==> flow/design.v <==
module dp_add_unit_rtl #(
  parameter DATA_W = 96,
  parameter SLICE = 8
) (
  input  logic aclk,
  input  logic aresetn,
  input  logic enable,
  input  logic [DATA_W-1:0] rs1,
  input  logic [DATA_W-1:0] rs2,
  input  logic cin,
  output logic [DATA_W-1:0] q,
  output logic carry_out
);
  logic [DATA_W-1:0] rs1_s;
  logic [DATA_W-1:0] rs2_s;
  logic cin_s;
  always_ff @(posedge aclk) begin
    if (!aresetn) begin
      rs1_s <= 0;
      rs2_s <= 0;
      cin_s <= 1'b0;
    end else if (enable) begin
      rs1_s <= rs1;
      rs2_s <= rs2;
      cin_s <= cin;
    end
  end
  localparam GROUPS = DATA_W / SLICE;
  logic [DATA_W-1:0] t;
  logic [GROUPS:0] cy;
  assign cy[0] = cin_s;
  generate
    for (genvar k = 0; k < GROUPS; k++) begin : g_bit
      wire [SLICE:0] s0 = rs1_s[k*SLICE +: SLICE] + rs2_s[k*SLICE +: SLICE];
      wire [SLICE:0] s1 = rs1_s[k*SLICE +: SLICE] + rs2_s[k*SLICE +: SLICE] + 1'b1;
      assign {cy[k+1], t[k*SLICE +: SLICE]} = cy[k] ? s1 : s0;
    end
  endgenerate
  always_ff @(posedge aclk) begin
    if (!aresetn) begin
      q <= 0;
      carry_out <= 1'b0;
    end else if (enable) begin
      q <= t;
      carry_out <= cy[GROUPS];
    end
  end
endmodule
=== From RTL to reports: dp_add_unit_rtl ===
The steps from the RTL of dp_add_unit_rtl to its reports follow in flow order.
Lines are those of the file above, counted from 1.
The mark -- stands for no value.

* Top: dp_add_unit_rtl
* Clock port: aclk
* Cell library: sky130hd
* Corner: tt_025C_1v80

=== Elaborated design ===
Source: Yosys, flattened and elaborated, memories not mapped. Widths are those after wreduce; folded enables and synchronous resets count as part of the registers. Registers that Yosys merges into a memory's read port (data or address) are not register bits. Print and check cells do not count. Equal cells are merged and count once.

* Flip-flop bits (word level): 290
* Input bits: 196
* Output and inout port bits: 97
* Cells after elaboration: 41

* $add $sub $neg: 24
* Multiplexer cells: 12

{| class="wikitable"
|+ Operator list
! kind !! count
|-
| adder 8 x 8 -> 9 bit || 12
|-
| adder 9 x 1 -> 9 bit with constant B || 12
|-
| 2-to-1 mux 9 bit || 12
|}

=== Longest topological paths ===
Longest topological path by Yosys (ltp), each cell counted once; first at word level (registers and memories cut), then after technology mapping (sequential cells cut; the memories' decode and read muxes count).

* Word-level depth: 14
* ABC_AREA: 0
* Mapped depth: 22
* Gate-level depth less buffers: 22

=== Mapped cells and area ===
The flow's flattened synthesis, as Yosys stat reports it; memories are mapped. The netlist is that of the ABC_AREA named above (0 if unset); the other value can give another one.

{| class="wikitable"
|+ Cells by type
! cell !! count !! total area (um^2)
|-
| sky130_fd_sc_hd__dfxtp_1 || 290 || 5.81E+03
|-
| sky130_fd_sc_hd__mux2i_1 || 215 || 2.15E+03
|-
| sky130_fd_sc_hd__ha_1 || 108 || 1.35E+03
|-
| sky130_fd_sc_hd__nor2_1 || 322 || 1.21E+03
|-
| sky130_fd_sc_hd__xnor2_1 || 100 || 875.84
|-
| sky130_fd_sc_hd__a211oi_1 || 60 || 450.432
|-
| sky130_fd_sc_hd__a21oi_1 || 83 || 415.398
|-
| sky130_fd_sc_hd__xor2_1 || 43 || 376.611
|-
| sky130_fd_sc_hd__o21bai_1 || 38 || 285.274
|-
| sky130_fd_sc_hd__fa_1 || 12 || 240.23
|-
| sky130_fd_sc_hd__inv_1 || 49 || 183.926
|-
| sky130_fd_sc_hd__clkbuf_1 || 48 || 180.173
|-
| sky130_fd_sc_hd__nand2_1 || 48 || 180.173
|-
| sky130_fd_sc_hd__a21o_1 || 22 || 165.158
|-
| sky130_fd_sc_hd__nand3_1 || 30 || 150.144
|-
| sky130_fd_sc_hd__o21ai_0 || 24 || 120.115
|-
| sky130_fd_sc_hd__nor3_1 || 17 || 85.082
|-
| sky130_fd_sc_hd__buf_1 || 22 || 82.579
|}

Other cell types: 48; their cells: 119.

* Standard cells after synthesis: 1,650
* Mapped area: 15,322.2 um^2
* Sequential part of the area: 5,805.6 um^2
* Flip-flop cells: 290
* Buffer cells: 75

=== Path before layout ===
Source: OpenSTA report_checks on the synthesized netlist (no wires, ideal clock, input and output delay 20% of the period each), path of least setup slack; recovery checks are left aside. Register names are those of the netlist, which keeps one name where synthesis merged equal registers.

* Path kind: register -> register
* Start point: register rs1_s[0]
* End point: register q[94]
* Period: 7.3 ns
* Library setup time: 0.088 ns
* Time at the first pin: 0.000 ns
* Data arrival time: 5.752 ns
* Required time: 7.212 ns
* Path slack: 1.460 ns
* Delay of the path: 5.840 ns
* Stages on the path: 23
* Buffers on the path: 0
* Synthesis period reached: 5.84 ns

"delay of the path" = arrival - input delay + setup time.
"stages on the path" counts driving pins, that of a launching flip-flop among them; a cell with two outputs on the path counts twice.
"synthesis period reached" = period - worst setup slack (recovery checks aside). The figure is calculated, with input and output delays left at 20% of the set period.
Between the ends stands the longest chain of elaborated cells between them, by number of cells; it is not shown to be the way that was timed. Of several equally long chains one is given.
Each line given opens the expression or statement behind the cell; cells for indexed reads and writes are added by Yosys, which also makes memories of some case tables.

* Cell sequence: sky130_fd_sc_hd__dfxtp_1 > sky130_fd_sc_hd__ha_1 > sky130_fd_sc_hd__fa_1 > sky130_fd_sc_hd__a21o_1 > sky130_fd_sc_hd__a21oi_1 > sky130_fd_sc_hd__xnor2_1 > sky130_fd_sc_hd__and2_4 > sky130_fd_sc_hd__and4_1 > sky130_fd_sc_hd__mux2_4 > sky130_fd_sc_hd__o21a_1 > sky130_fd_sc_hd__nor3_2 > sky130_fd_sc_hd__mux2i_1 > sky130_fd_sc_hd__xor2_1 > sky130_fd_sc_hd__nor3_1 > sky130_fd_sc_hd__nor3b_2 > sky130_fd_sc_hd__mux2i_1 > sky130_fd_sc_hd__mux2_4 > sky130_fd_sc_hd__mux2_4 > sky130_fd_sc_hd__mux2i_4 > sky130_fd_sc_hd__mux2i_4 > sky130_fd_sc_hd__mux2i_2 > sky130_fd_sc_hd__or3_1 > sky130_fd_sc_hd__a311oi_2
* Length of the longest elaborated chain: 14
* Elaborated cells between the ends (all ways): 14
* Those cells by class: add/sub: 2; mux: 12

{| class="wikitable"
|+ Ends and longest elaborated chain, post-synthesis
! item !! RTL line !! RTL
|-
| from (decl) || 14 || <nowiki>logic [DATA_W-1:0] rs1_s;</nowiki>
|-
| from (assign) || 19 || <nowiki>rs1_s <= 0;</nowiki>
|-
| from (assign) || 23 || <nowiki>rs1_s <= rs1;</nowiki>
|-
| adder 8 x 8 -> 9 bit || 35 || <nowiki>wire [SLICE:0] s1 = rs1_s[k*SLICE +: SLICE] + rs2_s[k*SLICE +: SLICE] + 1'b1;</nowiki>
|-
| adder 9 x 1 -> 9 bit || 35 ||
|-
| 2-to-1 mux 9 bit (12 in a row) || 36 || <nowiki>assign {cy[k+1], t[k*SLICE +: SLICE]} = cy[k] ? s1 : s0;</nowiki>
|-
| to (assign) || 41 || <nowiki>q <= 0;</nowiki>
|-
| to (assign) || 44 || <nowiki>q <= t;</nowiki>
|-
| to (decl) || 11 || <nowiki>output logic [DATA_W-1:0] q,</nowiki>
|}

=== Worst path after layout ===
Path of least setup slack in the final report of flow run A (OpenROAD, finished layout, wires in). Where an end is a register, its clock arrival counts in the times.

* Path kind: register -> register
* Start point: register rs1_s[8]
* End point: register q[87]
* Period: 6.54 ns
* Library setup time: 0.11 ns
* Time at the first pin: 0.50 ns
* Data arrival time: 6.28 ns
* Required time: 6.93 ns
* Path slack: 0.65 ns
* Stages on the path: 27
* Buffers on the path: 4

Between the ends stands the longest chain of elaborated cells between them, by number of cells; it is not shown to be the way that was timed. Of several equally long chains one is given.

* Cell sequence: sky130_fd_sc_hd__dfxtp_2 > sky130_fd_sc_hd__ha_4 > sky130_fd_sc_hd__fa_2 > sky130_fd_sc_hd__a21o_1 > sky130_fd_sc_hd__a21oi_4 > sky130_fd_sc_hd__o21ai_4 > sky130_fd_sc_hd__a211oi_4 > sky130_fd_sc_hd__nand3_2 > sky130_fd_sc_hd__or3b_4 > sky130_fd_sc_hd__o21a_4 > sky130_fd_sc_hd__nor3_4 > sky130_fd_sc_hd__mux2i_2 > sky130_fd_sc_hd__xor2_2 > sky130_fd_sc_hd__nor3_2 > sky130_fd_sc_hd__nor3b_2 > sky130_fd_sc_hd__buf_4 > sky130_fd_sc_hd__mux2i_2 > sky130_fd_sc_hd__buf_4 > sky130_fd_sc_hd__mux2_4 > sky130_fd_sc_hd__mux2_4 > sky130_fd_sc_hd__mux2i_4 > sky130_fd_sc_hd__buf_4 > sky130_fd_sc_hd__buf_6 > sky130_fd_sc_hd__xnor2_4 > sky130_fd_sc_hd__nor3_4 > sky130_fd_sc_hd__and4_1 > sky130_fd_sc_hd__o31a_1
* Length of the longest elaborated chain: 12
* Elaborated cells between the ends (all ways): 12
* Those cells by class: add/sub: 2; mux: 10

{| class="wikitable"
|+ Ends and longest elaborated chain, after layout
! item !! RTL line !! RTL
|-
| from (decl) || 14 || <nowiki>logic [DATA_W-1:0] rs1_s;</nowiki>
|-
| from (assign) || 19 || <nowiki>rs1_s <= 0;</nowiki>
|-
| from (assign) || 23 || <nowiki>rs1_s <= rs1;</nowiki>
|-
| adder 8 x 8 -> 9 bit || 35 || <nowiki>wire [SLICE:0] s1 = rs1_s[k*SLICE +: SLICE] + rs2_s[k*SLICE +: SLICE] + 1'b1;</nowiki>
|-
| adder 9 x 1 -> 9 bit || 35 ||
|-
| 2-to-1 mux 9 bit (10 in a row) || 36 || <nowiki>assign {cy[k+1], t[k*SLICE +: SLICE]} = cy[k] ? s1 : s0;</nowiki>
|-
| to (assign) || 41 || <nowiki>q <= 0;</nowiki>
|-
| to (assign) || 44 || <nowiki>q <= t;</nowiki>
|-
| to (decl) || 11 || <nowiki>output logic [DATA_W-1:0] q,</nowiki>
|}

Ticket comment

Flow measurements of dp_add_unit_rtl on sky130hd: 3 stored runs with different settings, listed in no order. Input and output delays are each 20% of the period that was set; the output load is 0.01 pF.
"achieved clock period": clock period set for the run, less the worst setup slack. It is reckoned from that one timing run; input and output delays stay at 20% of the period that was set.
"worst setup path time" means the part of the period allowed to the worst setup path (the constraints hold back 20% at inputs and 20% at outputs) less its slack; where the path has registers, the arrival times of their clocks count too.
By "power" is meant OpenSTA's value without simulated activity: inputs other than the clock are taken to toggle once in ten clock periods, and the tool carries that through the logic.

Flow run A
==> flow/run.sh <==
#!/bin/bash
# the make line also repeats the synthesis and layout settings of config.mk as NAME=value (left out here)
make -C /OpenROAD-flow-scripts/flow DESIGN_CONFIG=/design/flow/config.mk WORK_HOME=/design/flow/orfs CLKGATE_MAP_FILE= finish
==> flow/config.mk <==
export PLATFORM = sky130hd
export DESIGN_NAME = dp_add_unit_rtl
export DESIGN_NICKNAME = dp_add_unit_rtl
export VERILOG_FILES = /design/flow/design.v
export SDC_FILE = /design/flow/constraint.sdc
export NUM_CORES = 4
export LEC_CHECK = 0
export ABC_AREA = 0
export CAP_MARGIN = 10
export CELL_PAD_IN_SITES_GLOBAL_PLACEMENT = 0
export CORE_MARGIN = 2
export CORE_UTILIZATION = 48
export CTS_CLUSTER_DIAMETER = 343
export GPL_ROUTABILITY_DRIVEN = 0
export GPL_TIMING_DRIVEN = 1
export MAX_ROUTING_LAYER = met5
export PLACE_DENSITY_LB_ADDON = 0.28
export SETUP_SLACK_MARGIN = 1.82
export SLEW_MARGIN = 20
==> flow/constraint.sdc <==
create_clock -name core_clock -period 6.54 [get_ports {aclk}]
set_input_delay 1.3080 -clock core_clock [delete_from_list [all_inputs] [get_ports {aclk}]]
set_output_delay 1.3080 -clock core_clock [all_outputs]
set_load 0.01 [all_outputs]

==> results of flow run A <==
chip area after synthesis (Yosys): 15,322.2 um^2
die area: 33,366.5 um^2
standard-cell area of the final layout: 20,549.7 um^2
utilization: 0.653
worst setup slack after layout: 0.653 ns
total negative slack: 0.000 ns
worst hold slack: 0.483 ns
power: 0.004886 W
achieved clock period: 5.887 ns
worst setup path time: 5.89 ns
worst setup path kind: register -> register

Flow run B
==> flow/run.sh <==
#!/bin/bash
# the make line also repeats the synthesis and layout settings of config.mk as NAME=value (left out here)
make -C /OpenROAD-flow-scripts/flow DESIGN_CONFIG=/design/flow/config.mk WORK_HOME=/design/flow/orfs CLKGATE_MAP_FILE= finish
==> flow/config.mk <==
export PLATFORM = sky130hd
export DESIGN_NAME = dp_add_unit_rtl
export DESIGN_NICKNAME = dp_add_unit_rtl
export VERILOG_FILES = /design/flow/design.v
export SDC_FILE = /design/flow/constraint.sdc
export NUM_CORES = 4
export LEC_CHECK = 0
export CAP_MARGIN = 20
export CORE_MARGIN = 2
export CORE_UTILIZATION = 40
export SLEW_MARGIN = 20
==> flow/constraint.sdc <==
create_clock -name core_clock -period 7.3 [get_ports {aclk}]
set_input_delay 1.4600 -clock core_clock [delete_from_list [all_inputs] [get_ports {aclk}]]
set_output_delay 1.4600 -clock core_clock [all_outputs]
set_load 0.01 [all_outputs]

==> results of flow run B <==
chip area after synthesis (Yosys): 15,322.2 um^2
die area: 39,886.1 um^2
standard-cell area of the final layout: 19,819.0 um^2
utilization: 0.526
worst setup slack after layout: 0.625 ns
total negative slack: 0.000 ns
worst hold slack: 0.484 ns
power: 0.004333 W
achieved clock period: 6.675 ns
worst setup path time: 6.68 ns
worst setup path kind: register -> register

Flow run C
==> flow/run.sh <==
#!/bin/bash
# the make line also repeats the synthesis and layout settings of config.mk as NAME=value (left out here)
make -C /OpenROAD-flow-scripts/flow DESIGN_CONFIG=/design/flow/config.mk WORK_HOME=/design/flow/orfs CLKGATE_MAP_FILE= finish
==> flow/config.mk <==
export PLATFORM = sky130hd
export DESIGN_NAME = dp_add_unit_rtl
export DESIGN_NICKNAME = dp_add_unit_rtl
export VERILOG_FILES = /design/flow/design.v
export SDC_FILE = /design/flow/constraint.sdc
export NUM_CORES = 4
export LEC_CHECK = 0
export ABC_AREA = 1
export CAP_MARGIN = 20
export CELL_PAD_IN_SITES_DETAIL_PLACEMENT = 1
export CORE_MARGIN = 2
export CORE_UTILIZATION = 37
export CTS_CLUSTER_DIAMETER = 163
export CTS_CLUSTER_SIZE = 61
export GPL_TIMING_DRIVEN = 0
export MIN_ROUTING_LAYER = met1
export SETUP_SLACK_MARGIN = 0.55
export SLEW_MARGIN = 20
==> flow/constraint.sdc <==
create_clock -name core_clock -period 4.64 [get_ports {aclk}]
set_input_delay 0.9280 -clock core_clock [delete_from_list [all_inputs] [get_ports {aclk}]]
set_output_delay 0.9280 -clock core_clock [all_outputs]
set_load 0.01 [all_outputs]

==> results of flow run C <==
chip area after synthesis (Yosys): 16,268.1 um^2
die area: 45,661.3 um^2
standard-cell area of the final layout: 20,783.7 um^2
utilization: 0.48
worst setup slack after layout: 0.455 ns
total negative slack: 0.000 ns
worst hold slack: 0.484 ns
power: 0.005827 W
achieved clock period: 4.185 ns
worst setup path time: 4.19 ns
worst setup path kind: register -> register
